==> flow/design.v <==
module mult_blk #(
  parameter int WIDTH = 10,
  parameter int WAYS = 2,
  parameter int OUT_W = 2*WIDTH + $clog2(WAYS)
) (
  input logic sys_clk,
  input logic RST,
  input logic clk_en,
  input logic [WAYS*WIDTH-1:0] rs1,
  input logic [WAYS*WIDTH-1:0] rs2,
  output logic [OUT_W-1:0] p
);
  logic [WAYS*WIDTH-1:0] rs1_reg;
  logic [WAYS*WIDTH-1:0] rs2_reg;
  always_ff @(posedge sys_clk) begin
    if (RST) begin
      rs1_reg <= 0;
      rs2_reg <= 0;
    end else if (clk_en) begin
      rs1_reg <= rs1;
      rs2_reg <= rs2;
    end
  end
  logic [2*WAYS*WIDTH-1:0] part;
  generate
    for (genvar g = 0; g < WAYS; g++) begin : u_g
      assign part[2*g*WIDTH +: 2*WIDTH] = rs1_reg[g*WIDTH +: WIDTH] * rs2_reg[g*WIDTH +: WIDTH];
    end
  endgenerate
  logic [2*WAYS*WIDTH-1:0] part_reg;
  always_ff @(posedge sys_clk) begin
    if (RST) begin
      part_reg <= 0;
    end else if (clk_en) begin
      part_reg <= part;
    end
  end
  logic [OUT_W-1:0] tmp;
  always_comb begin
    tmp = 0;
    for (int k = 0; k < WAYS; k++)
      tmp = tmp + part_reg[2*k*WIDTH +: 2*WIDTH];
  end
  always_ff @(posedge sys_clk) begin
    if (RST) begin
      p <= 0;
    end else if (clk_en) begin
      p <= tmp;
    end
  end
endmodule
Tool chain data of mult_blk
Tool output for the design above, in the order of the flow.
Lines are those of the file above, counted from 1.
Operators carry their Yosys type and port widths (W data, S select, Z words).
Library cell names are shortened.
{ "inputs": {"design": "mult_blk", "clock_port": "sys_clk", "lib": "sky130hd", "corner": "tt_025C_1v80"} }

Word-level counts
Source: Yosys, flattened and elaborated, memories not mapped. Widths are those after wreduce; folded enables and synchronous resets count as part of the registers. Registers that Yosys merges into a memory's read port (data or address) are not register bits. Print and check cells do not count. Equal cells are merged and count once.
{ "word_totals": {"reg_bits": 101, "word_cells": 7, "input_bits": 43, "out_inout_bits": 21} }
{ "op_classes": {"n_mul": 2, "addsub": 1} }
{ "op_table": {"columns": ["operator", "count"], "rows": [
  ["$mul A10 B10 Y20", 2],
  ["$add A20 B20 Y21", 1]
]} }

Longest topological paths
Yosys ltp: most cells in a row. Word level: on the elaborated netlist, between registers, memories and ports. Mapped: between sequential cells and ports; inverters and the memories' decode and read muxes count.
{ "depth": {"ltp_word": 1, "abc_area": 0, "depth_mapped": 20, "mapped_depth_nobuf": 19} }

Netlist
The flow's flattened synthesis, as Yosys stat reports it; memories are mapped. The netlist is that of the ABC_AREA named above (0 if unset); the other value can give another one.
Totals and module areas in this step are rounded.
{ "synth_totals": {"area_mm2": 0.011, "seq_area_mm2": 0.002, "cell_count": 1201, "buffers": 67, "ff_cells": 101} }
{ "by_type": {"columns": ["cell", "count", "type_area_um2"], "rows": [
  ["fa_1", 125, 2502.4],
  ["dfxtp_1", 101, 2.02E+03],
  ["ha_1", 130, 1626.56],
  ["and2_1", 136, 850.816],
  ["mux2i_1", 64, 640.614],
  ["nand2_1", 117, 439.171],
  ["inv_1", 113, 424.157],
  ["nor2_1", 90, 337.824],
  ["xnor2_1", 30, 262.752],
  ["a21oi_1", 43, 215.206],
  ["clkbuf_1", 57, 213.955],
  ["o21ai_0", 37, 185.178],
  ["xor2_1", 17, 148.893],
  ["a21o_1", 15, 112.608],
  ["a211oi_1", 11, 82.579],
  ["o21a_1", 8, 60.058],
  ["nand3_1", 11, 55.053],
  ["a22o_1", 6, 52.55]
]} }
Not listed: further types 35, cells in them 90.

Path before layout
Path of least setup slack by OpenSTA after synthesis, without wires, with an ideal clock, recovery checks aside; 20% of the period is set as input and as output delay. Where synthesis merged equal registers, the netlist keeps one of their names.
{ "synth_timing": {"path_type": "register to register", "startpoint": "register rs2_reg[1]", "endpoint": "register part_reg[16]", "t_arrival_ps": 4870, "period_ps": 6240, "driving_pins": 20, "slack_ps": 1246, "required_time_ps": 6115, "path_delay_ps": 4995, "setup_ps": 125, "n_path_buf": 1, "launch_ps": 0, "period_less_setup_slack_ps": 4994} }
"path_delay_ps" is the arrival time less input delay plus setup time.
"driving_pins": output pins that drive a net of the path, with the launching flip-flop's if there is one; two outputs of one cell count as two.
"period_less_setup_slack_ps" = period - worst setup slack (recovery checks aside). The figure is calculated, with input and output delays left at 20% of the set period.
The rows between start and end are the longest chain of elaborated cells between them; the timing report does not say that the signal goes this way. Where chains are equally long, one stands for them.
A line is the first line of the expression or statement that the cell stems from. Yosys adds cells for indexed reads and writes and turns some case tables into memories.
{ "synth_via": {"cell_sequence": "dfxtp_1 clkbuf_1 nand2_1 fa_1 inv_1 fa_1 inv_1 fa_1 inv_1 fa_1 inv_1 fa_1 inv_1 ha_1 and3_1 a211o_1 a41o_1 o41ai_2 xor2_1 o21ai_1", "elab_chain_len": 1, "cone_cells": 1, "cone_lines": 1, "cone_classes": "mul (1)"} }
{ "synth_lines": {"columns": ["item", "line", "source"], "rows": [
  ["start: declaration", 14, "logic [WAYS*WIDTH-1:0] rs2_reg;"],
  ["start: assignment", 18, "rs2_reg <= 0;"],
  ["start: assignment", 21, "rs2_reg <= rs2;"],
  ["$mul A10 B10 Y20", 27, "assign part[2*g*WIDTH +: 2*WIDTH] = rs1_reg[g*WIDTH +: WIDTH] * rs2_reg[g*WIDTH +: WIDTH];"],
  ["end: assignment", 33, "part_reg <= 0;"],
  ["end: assignment", 35, "part_reg <= part;"],
  ["end: declaration", 30, "logic [2*WAYS*WIDTH-1:0] part_reg;"]
]} }

Timing after layout
From the final timing report of job 1: the path of least setup slack in the routed layout; clock arrival at registers is part of the times.
The path's times are printed in steps of 10 ps; the period is the one set.
{ "layout_timing": {"path_type": "register to register", "startpoint": "register rs1_reg[7]", "endpoint": "register part_reg[16]", "slack_ps": 3260, "driving_pins": 19, "setup_ps": 140, "t_arrival_ps": 5500, "required_time_ps": 8750, "n_path_buf": 0, "period_ps": 8540, "launch_ps": 360} }
The rows between start and end are the longest chain of elaborated cells between them; the timing report does not say that the signal goes this way. Where chains are equally long, one stands for them.
{ "layout_via": {"cell_sequence": "dfxtp_1 nand2_1 fa_1 inv_1 fa_1 inv_1 fa_1 inv_1 fa_1 inv_1 fa_1 inv_1 ha_1 and3_1 a211o_1 a41o_1 o41ai_2 xor2_1 o21ai_1", "elab_chain_len": 1, "cone_cells": 1, "cone_lines": 1, "cone_classes": "mul (1)"} }
{ "layout_lines": {"columns": ["item", "line", "source"], "rows": [
  ["start: declaration", 13, "logic [WAYS*WIDTH-1:0] rs1_reg;"],
  ["start: assignment", 17, "rs1_reg <= 0;"],
  ["start: assignment", 20, "rs1_reg <= rs1;"],
  ["$mul A10 B10 Y20", 27, "assign part[2*g*WIDTH +: 2*WIDTH] = rs1_reg[g*WIDTH +: WIDTH] * rs2_reg[g*WIDTH +: WIDTH];"],
  ["end: assignment", 33, "part_reg <= 0;"],
  ["end: assignment", 35, "part_reg <= part;"],
  ["end: declaration", 30, "logic [2*WAYS*WIDTH-1:0] part_reg;"]
]} }

Subject: mult_blk on sky130hd, stored results

Hello all,

Measured results for mult_blk: 3 stored runs of the Yosys and OpenROAD flow on sky130hd. The settings differ; the order carries no meaning. The constraints put input and output delay at 20% of the set period each and load the outputs with 0.01 pF.
"period_reached_ps": clock period set for the run, less the worst setup slack. It is reckoned from that one timing run; input and output delays stay at 20% of the period that was set.
"worst_path_allowed_less_slack_ps" = time allowed to the worst setup path (clock period - input delay - output delay, where it has them) - its slack; a late launch clock adds to it, a late capture clock takes from it.
By "fin_power_uw" is meant OpenSTA's value without simulated activity: inputs other than the clock are taken to toggle once in ten clock periods, and the tool carries that through the logic.
"worst_path_allowed_less_slack_ps" is known to 10 ps.
Results are given in rounded form.

Job 1
==> flow/run.sh <==
#!/bin/bash
# the make line also repeats the synthesis and layout settings of config.mk as NAME=value (left out here)
make -C /OpenROAD-flow-scripts/flow DESIGN_CONFIG=/design/flow/config.mk WORK_HOME=/design/flow/orfs CLKGATE_MAP_FILE= finish
==> flow/config.mk <==
export PLATFORM = sky130hd
export DESIGN_NAME = mult_blk
export DESIGN_NICKNAME = mult_blk
export VERILOG_FILES = /design/flow/design.v
export SDC_FILE = /design/flow/constraint.sdc
export NUM_CORES = 4
export LEC_CHECK = 0
export CAP_MARGIN = 20
export CELL_PAD_IN_SITES_GLOBAL_PLACEMENT = 1
export CORE_MARGIN = 5
export CORE_UTILIZATION = 38
export CTS_CLUSTER_DIAMETER = 217
export GPL_ROUTABILITY_DRIVEN = 1
export MAX_ROUTING_LAYER = met5
export SETUP_SLACK_MARGIN = -0.71
export SLEW_MARGIN = 20
export TNS_END_PERCENT = 95
==> flow/constraint.sdc <==
create_clock -name core_clock -period 8.54 [get_ports {sys_clk}]
set_input_delay 1.7080 -clock core_clock [delete_from_list [all_inputs] [get_ports {sys_clk}]]
set_output_delay 1.7080 -clock core_clock [all_outputs]
set_load 0.01 [all_outputs]

==> results of job 1, as JSON <==
{
  "ys_area_mm2": 0.011,
  "dieArea_mm2": 0.032,
  "post_route_stdcell_area_mm2": 0.012,
  "finish.utilization_frac": 0.42,
  "worst_setup_slack_ps": 3300,
  "total_negative_slack_ps": 0,
  "ws_hold_ps": 470,
  "fin_power_uw": 1300,
  "period_reached_ps": 5284,
  "worst_path_allowed_less_slack_ps": 5280,
  "worstPathKind": "register to register"
}

Job 2
==> flow/run.sh <==
#!/bin/bash
# the make line also repeats the synthesis and layout settings of config.mk as NAME=value (left out here)
make -C /OpenROAD-flow-scripts/flow DESIGN_CONFIG=/design/flow/config.mk WORK_HOME=/design/flow/orfs CLKGATE_MAP_FILE= finish
==> flow/config.mk <==
export PLATFORM = sky130hd
export DESIGN_NAME = mult_blk
export DESIGN_NICKNAME = mult_blk
export VERILOG_FILES = /design/flow/design.v
export SDC_FILE = /design/flow/constraint.sdc
export NUM_CORES = 4
export LEC_CHECK = 0
export CAP_MARGIN = 20
export CELL_PAD_IN_SITES_DETAIL_PLACEMENT = 2
export CELL_PAD_IN_SITES_GLOBAL_PLACEMENT = 3
export CORE_MARGIN = 3
export CORE_UTILIZATION = 53
export HOLD_SLACK_MARGIN = 0.05
export MAX_ROUTING_LAYER = met4
export PLACE_DENSITY_LB_ADDON = 0.24
export SLEW_MARGIN = 25
export TNS_END_PERCENT = 60
==> flow/constraint.sdc <==
create_clock -name core_clock -period 3.44 [get_ports {sys_clk}]
set_input_delay 0.6880 -clock core_clock [delete_from_list [all_inputs] [get_ports {sys_clk}]]
set_output_delay 0.6880 -clock core_clock [all_outputs]
set_load 0.01 [all_outputs]

==> results of job 2, as JSON <==
{
  "outcome": "incomplete, placement halted on FLW-0024"
}

Job 3
==> flow/run.sh <==
#!/bin/bash
# the make line also repeats the synthesis and layout settings of config.mk as NAME=value (left out here)
make -C /OpenROAD-flow-scripts/flow DESIGN_CONFIG=/design/flow/config.mk WORK_HOME=/design/flow/orfs CLKGATE_MAP_FILE= finish
==> flow/config.mk <==
export PLATFORM = sky130hd
export DESIGN_NAME = mult_blk
export DESIGN_NICKNAME = mult_blk
export VERILOG_FILES = /design/flow/design.v
export SDC_FILE = /design/flow/constraint.sdc
export NUM_CORES = 4
export LEC_CHECK = 0
export CAP_MARGIN = 20
export CORE_MARGIN = 2
export CORE_UTILIZATION = 40
export SLEW_MARGIN = 20
==> flow/constraint.sdc <==
create_clock -name core_clock -period 6.24 [get_ports {sys_clk}]
set_input_delay 1.2480 -clock core_clock [delete_from_list [all_inputs] [get_ports {sys_clk}]]
set_output_delay 1.2480 -clock core_clock [all_outputs]
set_load 0.01 [all_outputs]

==> results of job 3, as JSON <==
{
  "ys_area_mm2": 0.011,
  "dieArea_mm2": 0.029,
  "post_route_stdcell_area_mm2": 0.012,
  "finish.utilization_frac": 0.45,
  "worst_setup_slack_ps": 930,
  "total_negative_slack_ps": 0,
  "ws_hold_ps": 470,
  "fin_power_uw": 1700,
  "period_reached_ps": 5311,
  "worst_path_allowed_less_slack_ps": 5310,
  "worstPathKind": "register to register"
}

Thanks
